==> flow/design.v <==
module core_arith #(
   parameter XLEN = 32
) (
   input  wire CLK,
   input  wire [XLEN-1:0] A,
   input  wire op,
   output wire [XLEN-1:0] d
);
   reg [XLEN-1:0] A_reg;
   reg op_reg;
   always @(posedge CLK) begin
      A_reg <= A;
      op_reg <= op;
   end
   assign d = (A_reg ^ {XLEN{op_reg}}) + op_reg;
endmodule
== From RTL to reports: core_arith ==
What the tools print for core_arith, step after step.
Line numbers count from 1 in the design file above.
Cell names lack the library's common part.
A cell with - has no value.

* Top module: core_arith
* Clock input: CLK
* Cell library: sky130hd
* Corner: tt_025C_1v80

== Word-level counts ==
Yosys after proc, flatten, opt, wreduce and memory -nomap, before mapping. Enables and synchronous resets that opt folds into registers are not counted as muxes. Memory bits, and registers merged into a memory's read port (data or address), are not among the register bits. Print and check cells are not counted. Equal cells are merged and count once.

* Register bits: 33
* Input port bits: 34
* Output and inout bits: 32

* $add $sub $neg: 1
* Bitwise logic cells: 1

{| class="wikitable"
|+ Operators by type and width
! cell !! number
|-
| 32-bit by 1-bit adder with 32-bit output || 1
|-
| 32-bit bitwise XOR || 1
|}

== Depth ==
Longest topological path by Yosys (ltp), each cell counted once; first at word level (registers and memories cut), then after technology mapping (sequential cells cut; the memories' decode and read muxes count).

* Depth in word-level cells: 2
* ABC_AREA: 0
* Depth in mapped cells: 11
* Mapped depth without buffers: 8

== Synthesis result ==
The flow's flattened synthesis, as Yosys stat reports it; memories are mapped. The netlist is that of the ABC_AREA named above (0 if unset); the other value can give another one.

* Mapped cells: 250
* Cell area after synthesis: 2293.4 um2
* Flip-flops: 33
* Buffers: 15

{| class="wikitable"
|+ Cells by type
! cell !! number !! total area (um2)
|-
| dfxtp_1 || 33 || 660.634
|-
| xnor2_1 || 44 || 385.37
|-
| xor2_1 || 12 || 105.101
|-
| nand2_1 || 15 || 56.304
|-
| mux2i_1 || 5 || 50.048
|-
| nor4_2 || 4 || 50.048
|-
| nor2_1 || 13 || 48.797
|-
| nand2b_1 || 7 || 43.792
|-
| nand3b_1 || 5 || 37.536
|-
| o22ai_1 || 6 || 37.536
|-
| buf_6 || 3 || 33.782
|-
| a21oi_1 || 6 || 30.029
|-
| nand3_1 || 6 || 30.029
|-
| a2111oi_4 || 1 || 27.526
|-
| buf_16 || 1 || 27.526
|-
| o32ai_4 || 1 || 27.526
|-
| inv_1 || 7 || 26.275
|-
| a31oi_1 || 4 || 25.024
|}

Other cell types: 44; their cells: 77.

== Worst setup path after synthesis ==
Source: OpenSTA report_checks on the synthesized netlist (no wires, ideal clock, input and output delay 20% of the period each), path of least setup slack; recovery checks are left aside. Register names are those of the netlist, which keeps one name where synthesis merged equal registers.

* Kind: register to output
* Start: register op_reg
* End: output d[30]
* Clock period: 4.04 ns
* Time at the first pin: 0.000 ns
* Arrival time: 2.584 ns
* Path slack: 0.648 ns
* Path delay: 2.584 ns
* Stages: 12
* Path buffers: 4
* Synthesis period reached: 3.392 ns

"path delay" = arrival - input delay + setup time.
A path that ends at an output port has no setup time.
"stages" counts driving pins, that of a launching flip-flop among them; a cell with two outputs on the path counts twice.
"synthesis period reached" = period - worst setup slack (recovery checks aside). The figure is calculated, with input and output delays left at 20% of the set period.
The rows between start and end are the longest chain of elaborated cells between them; the timing report does not say that the signal goes this way. Where chains are equally long, one stands for them.
Each line given opens the expression or statement behind the cell; cells for indexed reads and writes are added by Yosys, which also makes memories of some case tables.

* Path through: dfxtp_1 > buf_2 > buf_6 > buf_2 > buf_2 > xor2_1 > ha_1 > nand3b_1 > o22ai_4 > o211ai_2 > a2111oi_4 > xnor2_1
* Cells in the longest elaborated chain: 2
* Elaborated cells between the ends (all ways): 2
* Source lines of those cells: 1

{| class="wikitable"
|+ Ends and longest elaborated chain, after synthesis
! item !! RTL line !! text
|-
| start: declaration || 10 || <nowiki>reg op_reg;</nowiki>
|-
| start: assignment || 13 || <nowiki>op_reg <= op;</nowiki>
|-
| 32-bit bitwise XOR || 15 || <nowiki>assign d = (A_reg ^ {XLEN{op_reg}}) + op_reg;</nowiki>
|-
| 32-bit by 1-bit adder with 32-bit output || 15 ||
|-
| end: declaration || 7 || <nowiki>output wire [XLEN-1:0] d</nowiki>
|}

== Worst path after layout ==
Path of least setup slack in the final report of flow run B (OpenROAD, finished layout, wires in). Where an end is a register, its clock arrival counts in the times.

* Kind: register to output
* Start: register op_reg
* End: output d[31]
* Clock period: 4.04 ns
* Time at the first pin: 0.29 ns
* Arrival time: 2.91 ns
* Path slack: 0.32 ns
* Stages: 8
* Path buffers: 2

The rows between start and end are the longest chain of elaborated cells between them; the timing report does not say that the signal goes this way. Where chains are equally long, one stands for them.

* Path through: dfxtp_2 > buf_12 > nor4bb_1 > a31o_2 > nand4_2 > nor4_2 > xnor2_1 > clkdlybuf4s50_1
* Cells in the longest elaborated chain: 2
* Elaborated cells between the ends (all ways): 2
* Source lines of those cells: 1

{| class="wikitable"
|+ Ends and longest elaborated chain, after layout
! item !! RTL line !! text
|-
| start: declaration || 10 || <nowiki>reg op_reg;</nowiki>
|-
| start: assignment || 13 || <nowiki>op_reg <= op;</nowiki>
|-
| 32-bit bitwise XOR || 15 || <nowiki>assign d = (A_reg ^ {XLEN{op_reg}}) + op_reg;</nowiki>
|-
| 32-bit by 1-bit adder with 32-bit output || 15 ||
|-
| end: declaration || 7 || <nowiki>output wire [XLEN-1:0] d</nowiki>
|}

3 stored runs of core_arith in the flow (synthesis by Yosys, layout by OpenROAD, sky130hd cells), in arbitrary order. Constraints: input delay and output delay 20% of the set period each, output load 0.01 pF.
"achieved clock period" = clock period - worst setup slack. The figure is calculated, with input and output delays left at 20% of the set period.
By "worst setup path time" is meant the share of the clock period that the worst setup path is allowed (20% is reserved at inputs, 20% at outputs), minus its slack. Clock arrival times at its registers enter into it.
By "power" is meant OpenSTA's value without simulated activity: inputs other than the clock are taken to toggle once in ten clock periods, and the tool carries that through the logic.

Flow run A
==> flow/run.sh <==
#!/bin/bash
# the make line also repeats the synthesis and layout settings of config.mk as NAME=value (left out here)
make -C /OpenROAD-flow-scripts/flow DESIGN_CONFIG=/design/flow/config.mk WORK_HOME=/design/flow/orfs CLKGATE_MAP_FILE= finish
==> flow/config.mk <==
export PLATFORM = sky130hd
export DESIGN_NAME = core_arith
export DESIGN_NICKNAME = core_arith
export VERILOG_FILES = /design/flow/design.v
export SDC_FILE = /design/flow/constraint.sdc
export NUM_CORES = 4
export LEC_CHECK = 0
export CAP_MARGIN = 20
export CELL_PAD_IN_SITES_DETAIL_PLACEMENT = 2
export CELL_PAD_IN_SITES_GLOBAL_PLACEMENT = 1
export CORE_MARGIN = 2
export CORE_UTILIZATION = 33
export CTS_CLUSTER_DIAMETER = 27
export CTS_CLUSTER_SIZE = 40
export GPL_ROUTABILITY_DRIVEN = 0
export GPL_TIMING_DRIVEN = 0
export HOLD_SLACK_MARGIN = 0.16
export MIN_ROUTING_LAYER = met2
export PLACE_DENSITY_LB_ADDON = 0.27
export SETUP_SLACK_MARGIN = 0.83
export SLEW_MARGIN = 30
==> flow/constraint.sdc <==
create_clock -name core_clock -period 2.97 [get_ports {CLK}]
set_input_delay 0.5940 -clock core_clock [delete_from_list [all_inputs] [get_ports {CLK}]]
set_output_delay 0.5940 -clock core_clock [all_outputs]
set_load 0.01 [all_outputs]

==> results of flow run A <==
did not finish, routing stopped with DPL-0033

Flow run B
==> flow/run.sh <==
#!/bin/bash
# the make line also repeats the synthesis and layout settings of config.mk as NAME=value (left out here)
make -C /OpenROAD-flow-scripts/flow DESIGN_CONFIG=/design/flow/config.mk WORK_HOME=/design/flow/orfs CLKGATE_MAP_FILE= finish
==> flow/config.mk <==
export PLATFORM = sky130hd
export DESIGN_NAME = core_arith
export DESIGN_NICKNAME = core_arith
export VERILOG_FILES = /design/flow/design.v
export SDC_FILE = /design/flow/constraint.sdc
export NUM_CORES = 4
export LEC_CHECK = 0
export CAP_MARGIN = 20
export CORE_MARGIN = 2
export CORE_UTILIZATION = 40
export SLEW_MARGIN = 20
==> flow/constraint.sdc <==
create_clock -name core_clock -period 4.04 [get_ports {CLK}]
set_input_delay 0.8080 -clock core_clock [delete_from_list [all_inputs] [get_ports {CLK}]]
set_output_delay 0.8080 -clock core_clock [all_outputs]
set_load 0.01 [all_outputs]

==> results of flow run B <==
chip area after synthesis (Yosys): 2293.4 um2
die area: 6355.3 um2
standard-cell area of the final layout: 3025.4 um2
worst setup slack after layout: 0.322 ns
worst hold slack: 0.945 ns
power: 0.0008594 W
achieved clock period: 3.718 ns
worst setup path time: 2.91 ns
worst setup path kind: register to output

Flow run C
==> flow/run.sh <==
#!/bin/bash
# the make line also repeats the synthesis and layout settings of config.mk as NAME=value (left out here)
make -C /OpenROAD-flow-scripts/flow DESIGN_CONFIG=/design/flow/config.mk WORK_HOME=/design/flow/orfs CLKGATE_MAP_FILE= finish
==> flow/config.mk <==
export PLATFORM = sky130hd
export DESIGN_NAME = core_arith
export DESIGN_NICKNAME = core_arith
export VERILOG_FILES = /design/flow/design.v
export SDC_FILE = /design/flow/constraint.sdc
export NUM_CORES = 4
export LEC_CHECK = 0
export ABC_AREA = 0
export CAP_MARGIN = 5
export CELL_PAD_IN_SITES_DETAIL_PLACEMENT = 1
export CORE_MARGIN = 2
export CORE_UTILIZATION = 28
export CTS_CLUSTER_SIZE = 89
export GPL_ROUTABILITY_DRIVEN = 0
export GPL_TIMING_DRIVEN = 0
export MAX_ROUTING_LAYER = met5
export MIN_ROUTING_LAYER = met1
export PLACE_DENSITY_LB_ADDON = 0.3
export SLEW_MARGIN = 20
export TNS_END_PERCENT = 45
==> flow/constraint.sdc <==
create_clock -name core_clock -period 5.0 [get_ports {CLK}]
set_input_delay 1.0000 -clock core_clock [delete_from_list [all_inputs] [get_ports {CLK}]]
set_output_delay 1.0000 -clock core_clock [all_outputs]
set_load 0.01 [all_outputs]

==> results of flow run C <==
chip area after synthesis (Yosys): 2293.4 um2
die area: 8931.2 um2
standard-cell area of the final layout: 3206.8 um2
worst setup slack after layout: 0.245 ns
worst hold slack: 1.142 ns
power: 0.0007762 W
achieved clock period: 4.755 ns
worst setup path time: 3.75 ns
worst setup path kind: register to output
